==> flow/design.v <==
module u_adder_p #(
  parameter DW = 18
) (
  input  core_clk,
  input  clr,
  input  [DW-1:0] in_da,
  input  [DW-1:0] in_db,
  input  in_cin,
  output [DW-1:0] out_s,
  output out_co
);
  wire [DW-1:0] nxt;
  wire [DW:0] carry;
  assign carry[0] = in_cin;
  genvar g;
  generate
    for (g = 0; g < DW; g = g + 1) begin : slice
      assign nxt[g] = in_da[g] ^ in_db[g] ^ carry[g];
      assign carry[g+1] = (in_da[g] & in_db[g]) | (carry[g] & (in_da[g] ^ in_db[g]));
    end
  endgenerate
  reg [DW-1:0] s_reg;
  always @(posedge core_clk or posedge clr) begin
    if (clr) begin
      s_reg <= 0;
    end else begin
      s_reg <= nxt;
    end
  end
  assign out_s = s_reg;
  reg co_reg;
  always @(posedge core_clk or posedge clr) begin
    if (clr) begin
      co_reg <= 1'b0;
    end else begin
      co_reg <= carry[DW];
    end
  end
  assign out_co = co_reg;
endmodule
From RTL to reports: u_adder_p --
Tool output for the design above, in the order of the flow. Lines are those of the file above, counted from 1. Operators: Yosys type, input widths -> output width; for muxes data width and select width s. Cell names lack the library's common part. The mark n/a stands for no value.
Set-up: top module u_adder_p, clock port core_clk, standard-cell library sky130hd, corner tt_025C_1v80

After elaboration --
Source: Yosys, flattened and elaborated, memories not mapped. Widths are those after wreduce; folded enables and synchronous resets count as part of the registers. Registers that Yosys merges into a memory's read port (data or address) are not register bits. Print and check cells do not count. Equal cells are merged and count once.
Word-level totals: bits in registers 19, latch bits 0, RAM bits 0, ROM bits 0, clocked read ports x word width 0, memories kept 0, output and inout port bits 19
Operators by class: add/sub/neg operators 0, $mul 0, divide/modulo/power cells 0, $lt $le $gt $ge 0, eq/ne operators 0, shift-type cells 0, muxes and demuxes 0, bitwise operators 90, reductions and logical operators 0
Operators with widths (count):
- $and 1x1->1 | 36
- $xor 1x1->1 | 36
- $or 1x1->1 | 18

Logic depth --
Yosys ltp: most cells in a row. Word level: on the elaborated netlist, between registers, memories and ports. Mapped: between sequential cells and ports; inverters and the memories' decode and read muxes count.
Depth: depth after elaboration 37, ABC_AREA 0, depth in mapped cells 22, gate-level depth less buffers 22

Netlist --
Source: synth_stat.txt of the flow (Yosys; design flattened, memories mapped). It holds for the ABC_AREA given above (unset counts as 0); a run with the other value may have another netlist.
Cells by type:
- dfrtp_1 | count 19, area in all 475.456 um^2
- fa_1 | count 18, area in all 360.346 um^2
- inv_1 | count 11, area in all 41.29 um^2
Synthesis totals: mapped cells 48, synthesis area 0.0008771 mm^2, sequential part of the area 0.0004755 mm^2, flip-flops 19, buffer cells 0

Timing after synthesis --
Source: OpenSTA report_checks on the synthesized netlist (no wires, ideal clock, input and output delay 20% of the period each), path of least setup slack; recovery checks are left aside. Register names are those of the netlist, which keeps one name where synthesis merged equal registers.
Timing path after synthesis: path type input-to-reg, from in in_da[0], to reg s_reg[17], period 10.8 ns, input delay 2.160 ns, time at the first pin 2.160 ns, arrival 8.982 ns, slack 1.754 ns, delay of the path 6.886 ns, stages on the path 22, buffers on the path 0, synthesis period reached 9.046 ns
"delay of the path" = arrival - input delay + setup time. "stages on the path" counts driving pins, that of a launching flip-flop among them; a cell with two outputs on the path counts twice. "synthesis period reached" is the clock period less the worst setup slack; recovery checks do not enter. This is arithmetic on one report: input and output delays are still those of the set period (20% each). Between the ends stands the longest chain of elaborated cells between them, by number of cells; it is not shown to be the way that was timed. Of several equally long chains one is given. A line is the first line of the expression or statement that the cell stems from. Yosys adds cells for indexed reads and writes and turns some case tables into memories.
Between the ends, after synthesis: cell sequence fa_1 fa_1 fa_1 fa_1 fa_1 fa_1 fa_1 fa_1 fa_1 fa_1 fa_1 fa_1 fa_1 fa_1 fa_1 inv_1 fa_1 inv_1 fa_1 inv_1 fa_1 inv_1, length of the longest elaborated chain 36, elaborated cells on any way between the ends 37
RTL lines, path after synthesis:
- start, declared | line 6 | input  [DW-1:0] in_da,
- $xor 1x1->1 | line 19 | assign carry[g+1] = (in_da[g] & in_db[g]) | (carry[g] & (in_da[g] ^ in_db[g]));
- $and 1x1->1 | line 19
- $or 1x1->1 | line 19
- $and 1x1->1 | line 19
- $or 1x1->1 | line 19
- $and 1x1->1 | line 19
- $or 1x1->1 | line 19
- [... 22 more ...]
- $and 1x1->1 | line 19
- $or 1x1->1 | line 19
- $and 1x1->1 | line 19
- $or 1x1->1 | line 19
- $and 1x1->1 | line 19
- $or 1x1->1 | line 19
- $xor 1x1->1 | line 18 | assign nxt[g] = in_da[g] ^ in_db[g] ^ carry[g];
- end, assigned | line 25 | s_reg <= 0;
- end, assigned | line 27 | s_reg <= nxt;
- end, declared | line 22 | reg [DW-1:0] s_reg;

Timing after layout --
From the final timing report of flow run A: the path of least setup slack in the routed layout; clock arrival at registers is part of the times.
Timing path after layout: path type input-to-reg, from in in_da[0], to reg s_reg[17], period 6.5 ns, input delay 1.30 ns, time at the first pin 1.30 ns, arrival 7.75 ns, slack -1.06 ns, stages on the path 23, buffers on the path 1
Between the ends stands the longest chain of elaborated cells between them, by number of cells; it is not shown to be the way that was timed. Of several equally long chains one is given.
Between the ends, after layout: cell sequence buf_6 fa_2 fa_2 fa_2 fa_2 fa_2 fa_2 fa_2 fa_2 fa_2 fa_2 fa_2 fa_2 fa_2 fa_2 fa_2 inv_2 fa_2 inv_2 fa_2 inv_2 fa_1 inv_1, length of the longest elaborated chain 36, elaborated cells on any way between the ends 37
RTL lines, path after layout:
- start, declared | line 6 | input  [DW-1:0] in_da,
- $xor 1x1->1 | line 19 | assign carry[g+1] = (in_da[g] & in_db[g]) | (carry[g] & (in_da[g] ^ in_db[g]));
- $and 1x1->1 | line 19
- $or 1x1->1 | line 19
- $and 1x1->1 | line 19
- $or 1x1->1 | line 19
- $and 1x1->1 | line 19
- $or 1x1->1 | line 19
- [... 22 more ...]
- $and 1x1->1 | line 19
- $or 1x1->1 | line 19
- $and 1x1->1 | line 19
- $or 1x1->1 | line 19
- $and 1x1->1 | line 19
- $or 1x1->1 | line 19
- $xor 1x1->1 | line 18 | assign nxt[g] = in_da[g] ^ in_db[g] ^ carry[g];
- end, assigned | line 25 | s_reg <= 0;
- end, assigned | line 27 | s_reg <= nxt;
- end, declared | line 22 | reg [DW-1:0] s_reg;

Appendix: measured runs

Below are 3 stored runs of the flow (Yosys, OpenROAD; platform sky130hd) on u_adder_p, each with its settings and what was measured, unordered. Constraints: input delay and output delay 20% of the set period each, output load 0.01 pF.
"allowed time less slack (worst setup path)": the worst setup path's part of the clock period (all of it between registers, 20% less for each end at a port) less its slack. A launch clock that arrives late makes it longer, a capture clock that arrives late makes it shorter.

[flow run A] flow files
==> flow/run.sh <==
#!/bin/bash
# the make line also repeats the synthesis and layout settings of config.mk as NAME=value (left out here)
make -C /OpenROAD-flow-scripts/flow DESIGN_CONFIG=/design/flow/config.mk WORK_HOME=/design/flow/orfs CLKGATE_MAP_FILE= finish
==> flow/config.mk <==
export PLATFORM = sky130hd
export DESIGN_NAME = u_adder_p
export DESIGN_NICKNAME = u_adder_p
export VERILOG_FILES = /design/flow/design.v
export SDC_FILE = /design/flow/constraint.sdc
export NUM_CORES = 4
export LEC_CHECK = 0
export ABC_AREA = 0
export CAP_MARGIN = 35
export CORE_MARGIN = 2
export CORE_UTILIZATION = 21
export GPL_ROUTABILITY_DRIVEN = 0
export MIN_ROUTING_LAYER = met1
export PLACE_DENSITY_LB_ADDON = 0.1
export SLEW_MARGIN = 15
export TNS_END_PERCENT = 25
==> flow/constraint.sdc <==
create_clock -name core_clock -period 6.5 [get_ports {core_clk}]
set_input_delay 1.3000 -clock core_clock [delete_from_list [all_inputs] [get_ports {core_clk}]]
set_output_delay 1.3000 -clock core_clock [all_outputs]
set_load 0.01 [all_outputs]

[flow run A] result: post-route setup TNS -3.230 ns; synthesis area 0.0008771 mm^2; lowest setup slack -1.055 ns; utilization after routing 39.9 %; standard-cell area after routing 0.0015953 mm^2; allowed time less slack (worst setup path) 6.26 ns; critical path kind input-to-reg; die size 0.0047094 mm^2

[flow run B] flow files
==> flow/run.sh <==
#!/bin/bash
# the make line also repeats the synthesis and layout settings of config.mk as NAME=value (left out here)
make -C /OpenROAD-flow-scripts/flow DESIGN_CONFIG=/design/flow/config.mk WORK_HOME=/design/flow/orfs CLKGATE_MAP_FILE= finish
==> flow/config.mk <==
export PLATFORM = sky130hd
export DESIGN_NAME = u_adder_p
export DESIGN_NICKNAME = u_adder_p
export VERILOG_FILES = /design/flow/design.v
export SDC_FILE = /design/flow/constraint.sdc
export NUM_CORES = 4
export LEC_CHECK = 0
export CAP_MARGIN = 20
export CORE_MARGIN = 2
export CORE_UTILIZATION = 40
export SLEW_MARGIN = 20
==> flow/constraint.sdc <==
create_clock -name core_clock -period 10.8 [get_ports {core_clk}]
set_input_delay 2.1600 -clock core_clock [delete_from_list [all_inputs] [get_ports {core_clk}]]
set_output_delay 2.1600 -clock core_clock [all_outputs]
set_load 0.01 [all_outputs]

[flow run B] result: synthesis area 0.0008771 mm^2; lowest setup slack 1.279 ns; utilization after routing 74.6 %; allowed time less slack (worst setup path) 7.36 ns; critical path kind input-to-reg; post-route setup TNS 0.000 ns; die size 0.0025832 mm^2; standard-cell area after routing 0.001509 mm^2

[flow run C] flow files
==> flow/run.sh <==
#!/bin/bash
# the make line also repeats the synthesis and layout settings of config.mk as NAME=value (left out here)
make -C /OpenROAD-flow-scripts/flow DESIGN_CONFIG=/design/flow/config.mk WORK_HOME=/design/flow/orfs CLKGATE_MAP_FILE= finish
==> flow/config.mk <==
export PLATFORM = sky130hd
export DESIGN_NAME = u_adder_p
export DESIGN_NICKNAME = u_adder_p
export VERILOG_FILES = /design/flow/design.v
export SDC_FILE = /design/flow/constraint.sdc
export NUM_CORES = 4
export LEC_CHECK = 0
export ABC_AREA = 0
export CAP_MARGIN = 20
export CELL_PAD_IN_SITES_DETAIL_PLACEMENT = 2
export CORE_ASPECT_RATIO = 0.86
export CORE_MARGIN = 2
export CORE_UTILIZATION = 38
export MAX_ROUTING_LAYER = met5
export MIN_ROUTING_LAYER = met2
export SETUP_SLACK_MARGIN = -0.14
export SLEW_MARGIN = 20
export TNS_END_PERCENT = 5
==> flow/constraint.sdc <==
create_clock -name core_clock -period 9.62 [get_ports {core_clk}]
set_input_delay 1.9240 -clock core_clock [delete_from_list [all_inputs] [get_ports {core_clk}]]
set_output_delay 1.9240 -clock core_clock [all_outputs]
set_load 0.01 [all_outputs]

[flow run C] result: incomplete, placement halted on DPL-0033
